==> flow/design.v <==
module fa (
  input wire a,
  input wire b,
  input wire ci,
  output wire s,
  output wire co
);
  assign {co, s} = a + b + ci;
endmodule
module summer #(
  parameter WD = 14
) (
  input wire clk_i,
  input wire rst_n,
  input wire step,
  input wire [WD-1:0] A_in,
  input wire [WD-1:0] B_in,
  input wire c0_in,
  output wire [WD-1:0] out_out,
  output wire cy_out
);
  reg [WD-1:0] r_A;
  reg [WD-1:0] r_B;
  reg r_c0;
  wire [WD-1:0] tmp;
  wire [WD:0] carry;
  assign carry[0] = r_c0;
  genvar g;
  generate
    for (g = 0; g < WD; g = g + 1) begin : row
      fa u0 (.a(r_A[g]), .b(r_B[g]), .ci(carry[g]), .s(tmp[g]), .co(carry[g+1]));
    end
  endgenerate
  assign out_out = tmp;
  assign cy_out = carry[WD];
  always @(posedge clk_i) begin
    if (~rst_n) begin
      r_A <= 0;
      r_B <= 0;
      r_c0 <= 1'b0;
    end else if (step) begin
      r_A <= A_in;
      r_B <= B_in;
      r_c0 <= c0_in;
    end
  end
endmodule
-- Tool chain data of summer
What the tools print for summer, step after step.
Lines are those of the file above, counted from 1.
The mark n/a stands for no value.
- top module: summer
- clock input: clk_i
- cell library: sky130hd
- corner: tt_025C_1v80

-- Elaborated design
Yosys after proc, flatten, opt, wreduce and memory -nomap, before mapping. Enables and synchronous resets that opt folds into registers are not counted as muxes. Memory bits, and registers merged into a memory's read port (data or address), are not among the register bits. Print and check cells are not counted. Equal cells are merged and count once.
- bits of input ports at 32
- output and inout bits at 15
- cells after elaboration: 31
- bits in registers: 29
- add/subtract/negate cells at 28
- operator list (operator ; number):
    1-bit by 1-bit adder with 2-bit output ; 14
    2-bit by 1-bit adder with 2-bit output ; 14

-- Depth
Yosys ltp: most cells in a row. Word level: on the elaborated netlist, between registers, memories and ports. Mapped: between sequential cells and ports; inverters and the memories' decode and read muxes count.
- noted depth after elaboration: 15
- ABC_AREA at 0
- noted depth in mapped cells: 19
- noted mapped depth without buffers: 18

-- Synthesis result
The flow's flattened synthesis, as Yosys stat reports it; memories are mapped. The netlist is that of the ABC_AREA named above (0 if unset); the other value can give another one.
The area totals of this step are shown rounded.
- cells in the netlist at 131
- mapped area at 1530 um^2
- mapped flip-flops at 29
- cells by type (cell type ; number):
    sky130_fd_sc_hd__dfxtp_1 ; 29
    sky130_fd_sc_hd__mux2i_1 ; 29
    sky130_fd_sc_hd__fa_1 ; 14
    sky130_fd_sc_hd__nor2b_1 ; 29
    sky130_fd_sc_hd__buf_4 ; 15
    sky130_fd_sc_hd__inv_1 ; 10
    sky130_fd_sc_hd__buf_12 ; 1
    sky130_fd_sc_hd__buf_6 ; 1
    sky130_fd_sc_hd__clkbuf_1 ; 2
    sky130_fd_sc_hd__buf_2 ; 1
The figures by module come from a second, unflattened synthesis with its own total; it is not the netlist above.
- cells (unflattened synthesis): 107
- area (unflattened synthesis): 1380 um^2
Each row is one instance without its submodules.
- modules (module ; times used ; area (um^2) ; cells):
    summer ; 1 ; 1100 ; 93
    fa ; 14 ; 20.0 ; 1

-- Path before layout
OpenSTA on the mapped netlist: ideal clock, no wires. The path of least setup slack (recovery checks aside). Input and output delay are each 20% of the period. Register names are those of the netlist, which keeps one name where synthesis merged equal registers.
- path kind: register to output
- from: register r_c0
- to: output out_out[13]
- time at the first pin: 0 ps
- data arrival time: 5694 ps
- noted clock period: 8900 ps
- path slack at 1426 ps
- path delay: 5694 ps
- noted driving pins on the path: 20
- noted synthesis period reached: 7474 ps
"path delay" = arrival - input delay + setup time.
A path that ends at an output port has no setup time.
"driving pins on the path" counts driving pins, that of a launching flip-flop among them; a cell with two outputs on the path counts twice.
"synthesis period reached" is the clock period less the worst setup slack; recovery checks do not enter. This is arithmetic on one report: input and output delays are still those of the set period (20% each).
The rows between start and end are the longest chain of elaborated cells between them; the timing report does not say that the signal goes this way. Where chains are equally long, one stands for them.
Each line given opens the expression or statement behind the cell; cells for indexed reads and writes are added by Yosys, which also makes memories of some case tables.
- cell sequence: sky130_fd_sc_hd__dfxtp_1 > sky130_fd_sc_hd__inv_1 > sky130_fd_sc_hd__fa_1 > sky130_fd_sc_hd__inv_1 > sky130_fd_sc_hd__fa_1 > sky130_fd_sc_hd__fa_1 > sky130_fd_sc_hd__fa_1 > sky130_fd_sc_hd__fa_1 > sky130_fd_sc_hd__fa_1 > sky130_fd_sc_hd__fa_1 > sky130_fd_sc_hd__fa_1 > sky130_fd_sc_hd__fa_1 > sky130_fd_sc_hd__fa_1 > sky130_fd_sc_hd__fa_1 > sky130_fd_sc_hd__fa_1 > sky130_fd_sc_hd__fa_1 > sky130_fd_sc_hd__inv_1 > sky130_fd_sc_hd__fa_1 > sky130_fd_sc_hd__inv_1 > sky130_fd_sc_hd__buf_4
- cells in the longest elaborated chain at 14
- ends and longest elaborated chain, after synthesis (element ; RTL line ; text):
    from (decl) ; 24 ; reg r_c0;
    from (assign) ; 40 ; r_c0 <= 1'b0;
    from (assign) ; 44 ; r_c0 <= c0_in;
    2-bit by 1-bit adder with 2-bit output x14 ; 8 ; assign {co, s} = a + b + ci;
    to (decl) ; 19 ; output wire [WD-1:0] out_out,
Some nets on the timed path still bear RTL names; the line given drives or declares the net.
- named nets, after synthesis (net ; RTL line):
    row[13].u0.s ; 8

-- Path in the finished layout
From the final timing report of run 1: the path of least setup slack in the routed layout; clock arrival at registers is part of the times.
The report prints the path's times to 10 ps; the period is as set.
- path kind: register to output
- from: register r_c0
- to: output out_out[13]
- data arrival time: 5840 ps
- noted driving pins on the path: 21
- path slack at 240 ps
- time at the first pin: 310 ps
- noted clock period: 7610 ps
The rows between start and end are the longest chain of elaborated cells between them; the timing report does not say that the signal goes this way. Where chains are equally long, one stands for them.
- cell sequence: sky130_fd_sc_hd__dfxtp_2 > sky130_fd_sc_hd__inv_2 > sky130_fd_sc_hd__fa_2 > sky130_fd_sc_hd__inv_2 > sky130_fd_sc_hd__fa_2 > sky130_fd_sc_hd__fa_2 > sky130_fd_sc_hd__fa_2 > sky130_fd_sc_hd__fa_2 > sky130_fd_sc_hd__fa_2 > sky130_fd_sc_hd__fa_2 > sky130_fd_sc_hd__fa_2 > sky130_fd_sc_hd__fa_2 > sky130_fd_sc_hd__fa_2 > sky130_fd_sc_hd__fa_2 > sky130_fd_sc_hd__fa_2 > sky130_fd_sc_hd__fa_2 > sky130_fd_sc_hd__inv_2 > sky130_fd_sc_hd__fa_2 > sky130_fd_sc_hd__inv_2 > sky130_fd_sc_hd__buf_6 > sky130_fd_sc_hd__buf_6
- cells in the longest elaborated chain at 14
- ends and longest elaborated chain, post-layout (element ; RTL line ; text):
    from (decl) ; 24 ; reg r_c0;
    from (assign) ; 40 ; r_c0 <= 1'b0;
    from (assign) ; 44 ; r_c0 <= c0_in;
    2-bit by 1-bit adder with 2-bit output x14 ; 8 ; assign {co, s} = a + b + ci;
    to (decl) ; 19 ; output wire [WD-1:0] out_out,
Some nets on the timed path still bear RTL names; the line given drives or declares the net.
- named nets, post-layout (net ; RTL line):
    row[13].u0.s ; 8

Wiki page: summer / flow data

Stored flow runs of summer (3 of them; Yosys, OpenROAD, sky130hd). They differ in their settings and are not a sequence. Constraints: input delay and output delay 20% of the set period each, output load 0.01 pF.
"reached clock period": clock period set for the run, less the worst setup slack. It is reckoned from that one timing run; input and output delays stay at 20% of the period that was set.
By "critical path time" is meant the share of the clock period that the worst setup path is allowed (20% is reserved at inputs, 20% at outputs), minus its slack. Clock arrival times at its registers enter into it.
"total power of the final layout": no workload was simulated; the value follows from the tool's default switching activity.
"critical path time" is known to 10 ps.
Measured values are rounded.

Run 1
Settings were period_ns = 7.61; CORE_UTILIZATION = 44; SETUP_SLACK_MARGIN = 1.21; PLACE_DENSITY = 0.38; CELL_PAD_IN_SITES_DETAIL_PLACEMENT = 0; ABC_AREA = 0; GPL_TIMING_DRIVEN = 0; CAP_MARGIN = 5; CORE_MARGIN = 2; SLEW_MARGIN = 20
- noted the total negative slack on setup checks: 0 ps
- reached clock period: 7366 ps
- post-route utilization at 63.9 %
- total power of the final layout at 355 µW
- area of the standard cells in the finished layout: 2130 um^2
- noted the lowest setup slack: 244 ps
- synthesized cell area: 1530 um^2
- full die area: 3960 um^2
- critical path time at 5840 ps
- critical path kind: register to output
- noted the worst hold slack: 524 ps

Run 2
Settings were period_ns = 8.9; CAP_MARGIN = 20; CORE_MARGIN = 2; CORE_UTILIZATION = 40; SLEW_MARGIN = 20
- total power of the final layout at 316 µW
- noted the worst hold slack: 511 ps
- critical path time at 6600 ps
- critical path kind: register to output
- full die area: 4330 um^2
- noted the lowest setup slack: 519 ps
- reached clock period: 8381 ps
- area of the standard cells in the finished layout: 1970 um^2
- noted the total negative slack on setup checks: 0 ps
- post-route utilization at 53.9 %
- synthesized cell area: 1530 um^2

Run 3
Settings were period_ns = 12.5; CORE_UTILIZATION = 67; SETUP_SLACK_MARGIN = 0.88; PLACE_DENSITY_LB_ADDON = 0.24; CORE_MARGIN = 6; CELL_PAD_IN_SITES_DETAIL_PLACEMENT = 2; GPL_TIMING_DRIVEN = 1; CTS_CLUSTER_SIZE = 11; CAP_MARGIN = 20; SLEW_MARGIN = 20
- no final report: placement broke off with FLW-0024
